==> flow/design.v <==
module dp_arith_add_top #(
  parameter BITS = 18,
  parameter GUARD = 2
) (
  input  wire core_clk,
  input  wire rstn,
  input  wire [BITS-1:0] val,
  input  wire init,
  output wire [BITS+GUARD-1:0] s
);
  reg [BITS+GUARD-1:0] total;
  always @(posedge core_clk or negedge rstn) begin
    if (!rstn) begin
      total <= 0;
    end else begin
      total <= init ? 0 : total + val;
    end
  end
  assign s = total;
endmodule
# Step by step through the tools: dp_arith_add_top
# Tool output for the design above, in the order of the flow.
# Lines are those of the file above, counted from 1.
# Operators carry their Yosys type and port widths (W data, S select, Z words).
# Library cell names are shortened.
# Not given: --
# design
top_module	dp_arith_add_top
clk_port	core_clk
library	sky130hd
pvt_corner	tt_025C_1v80

# Elaborated design
# Source: Yosys, flattened and elaborated, memories not mapped. Widths are those after wreduce; folded enables and synchronous resets count as part of the registers. Registers that Yosys merges into a memory's read port (data or address) are not register bits. Print and check cells do not count. Equal cells are merged and count once.
# word_totals
register_bits	20
out_inout_bits	20
rom_bits	0
n_memories	0
input_bits	21
latchBits	0
mem_bits_rw	0
clocked_rd_ports_x_width	0
# op_classes
n_cmp	0
add_sub_neg	1
eq_ne	0
logic	0
reduce_logical	0
multipliers	0
div	0
muxes	1
shift	0
# ops
cell	n
$add A20 B18 Y20	1
$mux W20	1

# Depth
# Yosys ltp: most cells in a row. Word level: on the elaborated netlist, between registers, memories and ports. Mapped: between sequential cells and ports; inverters and the memories' decode and read muxes count.
# depth
word_depth	2
ABC_AREA	0
mapped_depth	8

# After synthesis
# The flow's flattened synthesis, as Yosys stat reports it; memories are mapped. The netlist is that of the ABC_AREA named above (0 if unset); the other value can give another one.
# synth_totals
mapped_cells	177
yosys_area_um2	1594.0
seqArea_um2	500.5
flip_flops	20
# types
type	n	area_total_um2
dfrtp_1	20	500.48
ha_1	18	225.216
nor2_1	23	86.333
a21oi_1	16	80.077
a21o_1	7	52.55
xnor2_1	6	52.55
xor2_1	5	43.792
nor2b_1	6	37.536
nor3_1	7	35.034
mux2_2	3	33.782
nand2_1	9	33.782
a221oi_2	2	30.029
o21ai_0	5	25.024
o211ai_1	3	22.522
o21a_1	3	22.522
fa_1	1	20.019
a31oi_1	3	18.768
and3_1	3	18.768
# Other cell types: 23; their cells: 37.

# Worst setup path after synthesis
# Source: OpenSTA report_checks on the synthesized netlist (no wires, ideal clock, input and output delay 20% of the period each), path of least setup slack; recovery checks are left aside. Register names are those of the netlist, which keeps one name where synthesis merged equal registers.
# synth_path
path_type	input -> register
startpoint	input port val[0]
endpoint	register total[12]
path_buffers	0
path_stages	8
tclk_ns	2.75
t_arrival_ns	2.178
slack_ns	0.440
delay_ns	1.760
setup_time_ns	0.132
period_less_setup_slack_ns	2.31
# "delay_ns" = arrival - input delay + setup time.
# "path_stages": output pins that drive a net of the path, with the launching flip-flop's if there is one; two outputs of one cell count as two.
# "period_less_setup_slack_ns" = period - worst setup slack (recovery checks aside). The figure is calculated, with input and output delays left at 20% of the set period.
# The rows between start and end are the longest chain of elaborated cells between them; the timing report does not say that the signal goes this way. Where chains are equally long, one stands for them.
# A line is the first line of the expression or statement that the cell stems from. Yosys adds cells for indexed reads and writes and turns some case tables into memories.
# synth_between
path_cell_list	ha_1 fa_1 a21o_1 a221oi_2 a21oi_1 a31oi_1 xor2_1 nor2_1
elab_chain_len	2
cells_between	2
cone_lines	1
classes_between	add/sub (1); mux (1)
# synth_rtl
item	line	source
start: declaration	7	input  wire [BITS-1:0] val,
$add A20 B18 Y20	16	total <= init ? 0 : total + val;
$mux W20	16
end: assignment	14	total <= 0;
end: assignment	16
end: declaration	11	reg [BITS+GUARD-1:0] total;

# Timing after layout
# Path of least setup slack in the final report of record 2 (OpenROAD, finished layout, wires in). Where an end is a register, its clock arrival counts in the times.
# layout_path
path_type	register -> register
startpoint	register total[0]
endpoint	register total[8]
tclk_ns	1.39
setup_time_ns	0.13
path_buffers	2
path_stages	10
t_arrival_ns	2.53
slack_ns	-1.00
# The rows between start and end are the longest chain of elaborated cells between them; the timing report does not say that the signal goes this way. Where chains are equally long, one stands for them.
# layout_between
path_cell_list	dfrtp_1 ha_4 fa_2 a21o_1 a221oi_4 buf_4 buf_6 o21ai_2 xnor2_1 nor2_2
elab_chain_len	2
cells_between	2
cone_lines	1
classes_between	add/sub (1); mux (1)
# layout_rtl
item	line	source
start: declaration	11	reg [BITS+GUARD-1:0] total;
start: assignment	14	total <= 0;
start: assignment	16	total <= init ? 0 : total + val;
$add A20 B18 Y20	16
$mux W20	16
end: assignment	14
end: assignment	16
end: declaration	11

# 3 stored runs of dp_arith_add_top in the flow (synthesis by Yosys, layout by OpenROAD, sky130hd cells), in arbitrary order. Constraints: input delay and output delay 20% of the set period each, output load 0.01 pF.
# "clock_period_reached_ns": clock period set for the run, less the worst setup slack. It is reckoned from that one timing run; input and output delays stay at 20% of the period that was set.
# "worst_setup_path_time_ns" means the part of the period allowed to the worst setup path (the constraints hold back 20% at inputs and 20% at outputs) less its slack; where the path has registers, the arrival times of their clocks count too.
# "design_power_mw" rests on the timing tool's default activity at the inputs, not on a simulated workload.
# Among the settings, -- means not set for that run.
# Results: -- = not shown.
run name	period_ns	CORE_UTILIZATION	PLACE_DENSITY	CORE_ASPECT_RATIO	CELL_PAD_IN_SITES_DETAIL_PLACEMENT	CTS_CLUSTER_SIZE	SLEW_MARGIN	MIN_ROUTING_LAYER	CAP_MARGIN	CORE_MARGIN	HOLD_SLACK_MARGIN	TNS_END_PERCENT	GPL_TIMING_DRIVEN	clock_period_reached_ns	design_power_mw	worst_setup_path_time_ns	worstPathKind	fin_util_pct	setup_tns_ns	timing.setup.ws_ns	synthArea_um2	die_footprint_um2	finalCellArea_um2
record 1	2.05	54	0.76	1.81	0	89	20	met2	20	2	--	--	--	--	--	--	--	--	--	--	--	--	--
record 2	1.39	17	0.82	0.71	2	94	20	met2	20	2	0.16	100	1	2.394	7.546	2.39	register -> register	36.1	-13.956	-1.004	1594.0	10178.4	3264.4
record 3	2.75	40	--	--	--	--	20	--	20	2	--	--	--	2.594	2.361	2.04	input -> register	60.5	0.000	0.156	1594.0	4505.8	2264.7
# Record 1: no results, routing failed with GRT-0232
